==> flow/design.v <==
module subtractor_stage #(
   parameter BITS = 8
) (
   input wire sys_clk,
   input wire [BITS-1:0] dataa,
   input wire [BITS-1:0] datab,
   input wire subtract,
   output reg [BITS-1:0] result,
   output reg cout
);
   reg [BITS-1:0] dataa_d1;
   always @(posedge sys_clk) begin
      dataa_d1 <= dataa;
   end
   reg [BITS-1:0] datab_d1;
   always @(posedge sys_clk) begin
      datab_d1 <= datab;
   end
   reg subtract_d1;
   always @(posedge sys_clk) begin
      subtract_d1 <= subtract;
   end
   wire [BITS-1:0] aux;
   assign aux = datab_d1 ^ {BITS{subtract_d1}};
   wire [BITS:0] cur;
   assign cur = dataa_d1 + aux + subtract_d1;
   always @(posedge sys_clk) begin
      result <= cur[BITS-1:0];
   end
   always @(posedge sys_clk) begin
      cout <= cur[BITS];
   end
endmodule
## From RTL to reports: subtractor_stage

Tool output for the design above, in the order of the flow.
Line numbers count from 1 in the design file above.
Library cell names are shortened.
Not given: n/a

- Design top: subtractor_stage
- Clock port: sys_clk
- Cell library: sky130hd
- Timing corner: tt_025C_1v80

## Elaborated design

Counts by Yosys on the flattened word-level netlist (proc, flatten, opt, wreduce; memories kept). Register bits leave out memories and registers merged into their read ports (data or address); mux counts leave out enables and synchronous resets folded into registers. Print and check cells are left out. Cells with the same type and inputs are merged into one.

- Bits in registers: 26
- Output and inout port bits: 9
- Cells after elaboration: 8

- Add/sub/neg operators: 2
- Bitwise operators: 1

Operator list:

| cell | number |
|---|---|
| 8-bit by 8-bit adder with 9-bit output | 1 |
| 9-bit by 1-bit adder with 9-bit output | 1 |
| 8-bit bitwise XOR | 1 |

## Longest topological paths

Depth = most cells in a row (Yosys ltp): at word level without a register or memory, in the mapped netlist without a sequential cell, where the memories' decode and read muxes count.

- Depth after elaboration: 3
- ABC_AREA: 0
- Depth in mapped cells: 8

## After synthesis

Source: synth_stat.txt of the flow (Yosys; design flattened, memories mapped). It holds for the ABC_AREA given above (unset counts as 0); a run with the other value may have another netlist.
Totals and module areas in this step are rounded.

- Mapped cells: 74
- Mapped area: 0.0009184 mm²
- Sequential area: 0.0005205 mm²
- Mapped flip-flops: 26
- Buffer cells: 1

Cell types:

| type | number | total area (µm²) |
|---|---|---|
| dfxtp_1 | 26 | 520.499 |
| ha_1 | 7 | 87.584 |
| xor2_1 | 9 | 78.826 |
| xnor2_1 | 3 | 26.275 |
| fa_1 | 1 | 20.019 |
| inv_1 | 5 | 18.768 |
| o31a_1 | 2 | 17.517 |
| a221oi_2 | 1 | 15.014 |
| mux2i_2 | 1 | 13.763 |
| or2_2 | 2 | 12.512 |
| buf_6 | 1 | 11.261 |
| nor2_1 | 3 | 11.261 |
| a21oi_1 | 2 | 10.01 |
| o21ai_0 | 2 | 10.01 |
| a211o_1 | 1 | 8.758 |
| and4_1 | 1 | 8.758 |
| o21ai_2 | 1 | 8.758 |
| o22a_1 | 1 | 8.758 |

Other cell types: 5; their cells: 5.

## Timing after synthesis

Path of least setup slack by OpenSTA after synthesis, without wires, with an ideal clock, recovery checks aside; 20% of the period is set as input and as output delay. Where synthesis merged equal registers, the netlist keeps one of their names.

- Path kind: reg2reg
- Start: register subtract_d1
- End: register cout
- Period: 2.26 ns
- Time at the first pin: 0.000 ns
- Arrival: 1.690 ns
- Setup slack: 0.453 ns
- Delay of the path: 1.807 ns
- Stages: 8
- Buffers on the path: 1
- Synthesis period reached: 1.807 ns

"delay of the path" is the arrival time less input delay plus setup time.
"stages" counts driving pins, that of a launching flip-flop among them; a cell with two outputs on the path counts twice.
"synthesis period reached" = period - worst setup slack (recovery checks aside). The figure is calculated, with input and output delays left at 20% of the set period.
The rows between start and end are the longest chain of elaborated cells between them; the timing report does not say that the signal goes this way. Where chains are equally long, one stands for them.
Each line given opens the expression or statement behind the cell; cells for indexed reads and writes are added by Yosys, which also makes memories of some case tables.

- Path through: dfxtp_1 -> buf_6 -> xor2_1 -> ha_1 -> nor2b_1 -> o31a_1 -> o31a_1 -> o22a_1
- Length of the longest elaborated chain: 3
- Elaborated cells on any way between the ends: 3
- Source lines of those cells: 2

Ends and longest elaborated chain, post-synthesis:

| item | line | source |
|---|---|---|
| start: declaration | 19 | `reg subtract_d1;` |
| start: assignment | 21 | `subtract_d1 <= subtract;` |
| 8-bit bitwise XOR | 24 | `assign aux = datab_d1 ^ {BITS{subtract_d1}};` |
| 8-bit by 8-bit adder with 9-bit output | 26 | `assign cur = dataa_d1 + aux + subtract_d1;` |
| 9-bit by 1-bit adder with 9-bit output | 26 |  |
| end: assignment | 31 | `cout <= cur[BITS];` |
| end: declaration | 9 | `output reg cout` |

## Path in the finished layout

Path of least setup slack in the final report of flow run A (OpenROAD, finished layout, wires in). Where an end is a register, its clock arrival counts in the times.

- Path kind: reg2reg
- Start: register subtract_d1
- End: register cout
- Period: 2.26 ns
- Time at the first pin: 0.31 ns
- Arrival: 2.28 ns
- Setup slack: 0.24 ns
- Stages: 8
- Buffers on the path: 0

The rows between start and end are the longest chain of elaborated cells between them; the timing report does not say that the signal goes this way. Where chains are equally long, one stands for them.

- Path through: dfxtp_1 -> xor2_1 -> inv_1 -> fa_1 -> nor2b_1 -> o31a_1 -> o31a_1 -> o22a_1
- Length of the longest elaborated chain: 3
- Elaborated cells on any way between the ends: 3
- Source lines of those cells: 2

Ends and longest elaborated chain, post-layout:

| item | line | source |
|---|---|---|
| start: declaration | 19 | `reg subtract_d1;` |
| start: assignment | 21 | `subtract_d1 <= subtract;` |
| 8-bit bitwise XOR | 24 | `assign aux = datab_d1 ^ {BITS{subtract_d1}};` |
| 8-bit by 8-bit adder with 9-bit output | 26 | `assign cur = dataa_d1 + aux + subtract_d1;` |
| 9-bit by 1-bit adder with 9-bit output | 26 |  |
| end: assignment | 31 | `cout <= cur[BITS];` |
| end: declaration | 9 | `output reg cout` |

Wiki page: subtractor_stage / flow data

subtractor_stage through Yosys and OpenROAD on sky130hd: 3 stored runs, unordered, with their settings and measured results. The constraints put input and output delay at 20% of the set period each and load the outputs with 0.01 pF.
"worst setup path time" = time allowed to the worst setup path (clock period - input delay - output delay, where it has them) - its slack; a late launch clock adds to it, a late capture clock takes from it.
The measured numbers are rounded.
A setting shown as - is not set for that run.

| setting or result | flow run A | flow run B | flow run C |
|---|---|---|---|
| period_ns | 2.26 | 1.1 | 2.12 |
| CAP_MARGIN | 20 | 20 | 20 |
| CORE_MARGIN | 2 | 2 | 2 |
| CORE_UTILIZATION | 40 | 35 | 22 |
| SLEW_MARGIN | 20 | 25 | 20 |
| SETUP_SLACK_MARGIN | - | -0.01 | -0.21 |
| PLACE_DENSITY | - | 0.51 | - |
| CORE_ASPECT_RATIO | - | 1.39 | - |
| TNS_END_PERCENT | - | 80 | - |
| ABC_AREA | - | 0 | - |
| MIN_ROUTING_LAYER | - | met1 | met2 |
| CELL_PAD_IN_SITES_GLOBAL_PLACEMENT | - | - | 1 |
| final design utilization | 0.559 | 0.59 | 0.32 |
| worst setup path time (ns) | 2.02 | 1.78 | 1.93 |
| critical path kind | reg2reg | reg2reg | reg2reg |
| cell area after synthesis (mm²) | 0.0009184 | 0.0009184 | 0.0009184 |
| die size (mm²) | 0.002695 | 0.003056 | 0.004707 |
| smallest setup slack (ns) | 0.237 | -0.676 | 0.193 |
